==> flow/design.v <==
module mul_core_rtl #(
   parameter WIDTH = 7
) (
   input  wire clk,
   input  wire rst_i,
   input  wire [WIDTH-1:0] A,
   output reg [2*WIDTH-1:0] p
);
   reg [WIDTH-1:0] A_q;
   always @(posedge clk) begin
      if (rst_i) begin
         A_q <= 0;
         p <= 0;
      end else begin
         A_q <= A;
         p <= A_q * A_q;
      end
   end
endmodule
# Reports on mul_core_rtl
# Tool output for the design above, in the order of the flow.
# Lines are those of the file above, counted from 1.
# Operators carry their Yosys type and port widths (W data, S select, Z words).
# Cell names lack the library's common part.
# The mark -- stands for no value.
# setup
top_module	mul_core_rtl
clock	clk
library	sky130hd
corner	tt_025C_1v80

# After elaboration
# Counts by Yosys on the flattened word-level netlist (proc, flatten, opt, wreduce; memories kept). Register bits leave out memories and registers merged into their read ports (data or address); mux counts leave out enables and synchronous resets folded into registers. Print and check cells are left out. Cells with the same type and inputs are merged into one.
# bits
register_bits	21
input_bits	9
output_inout_bits	14
elab_cells	3
# op_classes
mul	1
# ops
op	n
$mul A7 B7 Y14	1

# Logic depth
# Yosys ltp: most cells in a row. Word level: on the elaborated netlist, between registers, memories and ports. Mapped: between sequential cells and ports; inverters and the memories' decode and read muxes count.
# logic_depth
word_depth	1
abc_area	0
ltp_mapped	16
ltp_nobuf	15

# After synthesis
# Yosys stat after the flow's synthesis: flattened, memories mapped to cells. It holds for the ABC_AREA given above (unset counts as 0); a run with the other value may have another netlist.
# Totals and module areas in this step are rounded.
# by_type
type	n	type_area_um2
dfxtp_1	20	400.384
ha_1	26	325.312
fa_1	13	260.25
and2_1	13	81.328
inv_1	21	78.826
nor2b_1	11	68.816
nand2_1	15	56.304
xnor2_1	6	52.55
nor3_1	8	40.038
a21o_1	5	37.536
nor2_1	9	33.782
a21oi_1	6	30.029
nor3b_1	4	30.029
clkbuf_1	7	26.275
o21ai_0	5	25.024
a211oi_4	1	20.019
mux2i_1	2	20.019
nand2b_1	3	18.768
# Not listed: further types 27, cells in them 34.
# synth_totals
stdcells	209
synth_area_um2	1880
seqArea_um2	400
ffs	20
n_buf	8

# Timing after synthesis
# OpenSTA on the mapped netlist: ideal clock, no wires. The path of least setup slack (recovery checks aside). Input and output delay are each 20% of the period. Register names are those of the netlist, which keeps one name where synthesis merged equal registers.
# synth_timing
path_type	register to register
start	reg A_q[5]
end	reg p[13]
clock_period_ps	5140
setup_ps	95
t_first_pin_ps	0
t_arrival_ps	4017
required_time_ps	5045
path_slack_ps	1027
delay_ps	4112
path_stages	17
path_buffers	1
synth_period_reached_ps	4113
# "delay_ps" is the arrival time less input delay plus setup time.
# "path_stages" counts driving pins, that of a launching flip-flop among them; a cell with two outputs on the path counts twice.
# "synth_period_reached_ps" is the clock period less the worst setup slack; recovery checks do not enter. This is arithmetic on one report: input and output delays are still those of the set period (20% each).
# The rows between start and end are the longest chain of elaborated cells between them; the timing report does not say that the signal goes this way. Where chains are equally long, one stands for them.
# A line is the first line of the expression or statement that the cell stems from. Yosys adds cells for indexed reads and writes and turns some case tables into memories.
# synth_between
path_cell_list	dfxtp_1 -> clkbuf_1 -> nand2_1 -> xor2_1 -> ha_1 -> inv_1 -> fa_1 -> inv_1 -> fa_1 -> inv_1 -> fa_1 -> inv_1 -> ha_1 -> a21o_1 -> o2bb2ai_1 -> or3b_1 -> o311ai_1
elab_chain_len	1
cone_cells	1
cone_lines	1
classes_between	mul: 1
# synth_lines
element	line	text
start, declared	9	reg [WIDTH-1:0] A_q;
start, assigned	12	A_q <= 0;
start, assigned	15	A_q <= A;
$mul A7 B7 Y14	16	p <= A_q * A_q;
end, assigned	13	p <= 0;
end, assigned	16
end, declared	7	output reg [2*WIDTH-1:0] p

# Worst path after layout
# Path of least setup slack in the final report of stored run 1 (OpenROAD, finished layout, wires in). Where an end is a register, its clock arrival counts in the times.
# The path's times are printed in steps of 10 ps; the period is the one set.
# layout_timing
path_type	register to register
start	reg A_q[4]
end	reg p[11]
clock_period_ps	2730
setup_ps	120
t_first_pin_ps	250
t_arrival_ps	3970
required_time_ps	2860
path_slack_ps	-1110
path_stages	17
path_buffers	1
# The rows between start and end are the longest chain of elaborated cells between them; the timing report does not say that the signal goes this way. Where chains are equally long, one stands for them.
# layout_between
path_cell_list	dfxtp_2 -> inv_2 -> nor2_2 -> ha_1 -> xor2_1 -> fa_1 -> inv_2 -> fa_1 -> inv_1 -> fa_1 -> inv_2 -> ha_4 -> nand4_1 -> a211oi_4 -> buf_4 -> o31a_2 -> nor3_2
elab_chain_len	1
cone_cells	1
cone_lines	1
classes_between	mul: 1
# layout_lines
element	line	text
start, declared	9	reg [WIDTH-1:0] A_q;
start, assigned	12	A_q <= 0;
start, assigned	15	A_q <= A;
$mul A7 B7 Y14	16	p <= A_q * A_q;
end, assigned	13	p <= 0;
end, assigned	16
end, declared	7	output reg [2*WIDTH-1:0] p

# Flow measurements of mul_core_rtl on sky130hd: 3 stored runs with different settings, listed in no order. Input and output delays are each 20% of the period that was set; the output load is 0.01 pF.
# "achieved_clock_period_ps": clock period set for the run, less the worst setup slack. It is reckoned from that one timing run; input and output delays stay at 20% of the period that was set.
# Values from the reports are rounded here.
# A setting shown as - is not set for that run.
stored run	period_ns	CORE_UTILIZATION	SETUP_SLACK_MARGIN	PLACE_DENSITY	CORE_MARGIN	CELL_PAD_IN_SITES_DETAIL_PLACEMENT	CTS_CLUSTER_SIZE	CTS_CLUSTER_DIAMETER	CAP_MARGIN	SLEW_MARGIN	CELL_PAD_IN_SITES_GLOBAL_PLACEMENT	TNS_END_PERCENT	MAX_ROUTING_LAYER	setupTns_ps	final_hold_ws_ps	final_stdcell_area_um2	final_die_area_um2	achieved_clock_period_ps	final_util_pct	yosys.chip_area_um2	setup_ws_ps
stored run 1	2.73	15	-0.1	0.63	10	0	73	151	20	20	-	-	-	-8380	662	3140	17400	3835	25.8	1880	-1110
stored run 2	5.91	29	-	-	2	1	69	-	35	30	2	100	met5	0	657	2210	7150	4401	35.0	1880	1510
stored run 3	5.14	40	-	-	2	-	-	-	20	20	-	-	-	0	642	2190	5270	4316	49.2	1880	824
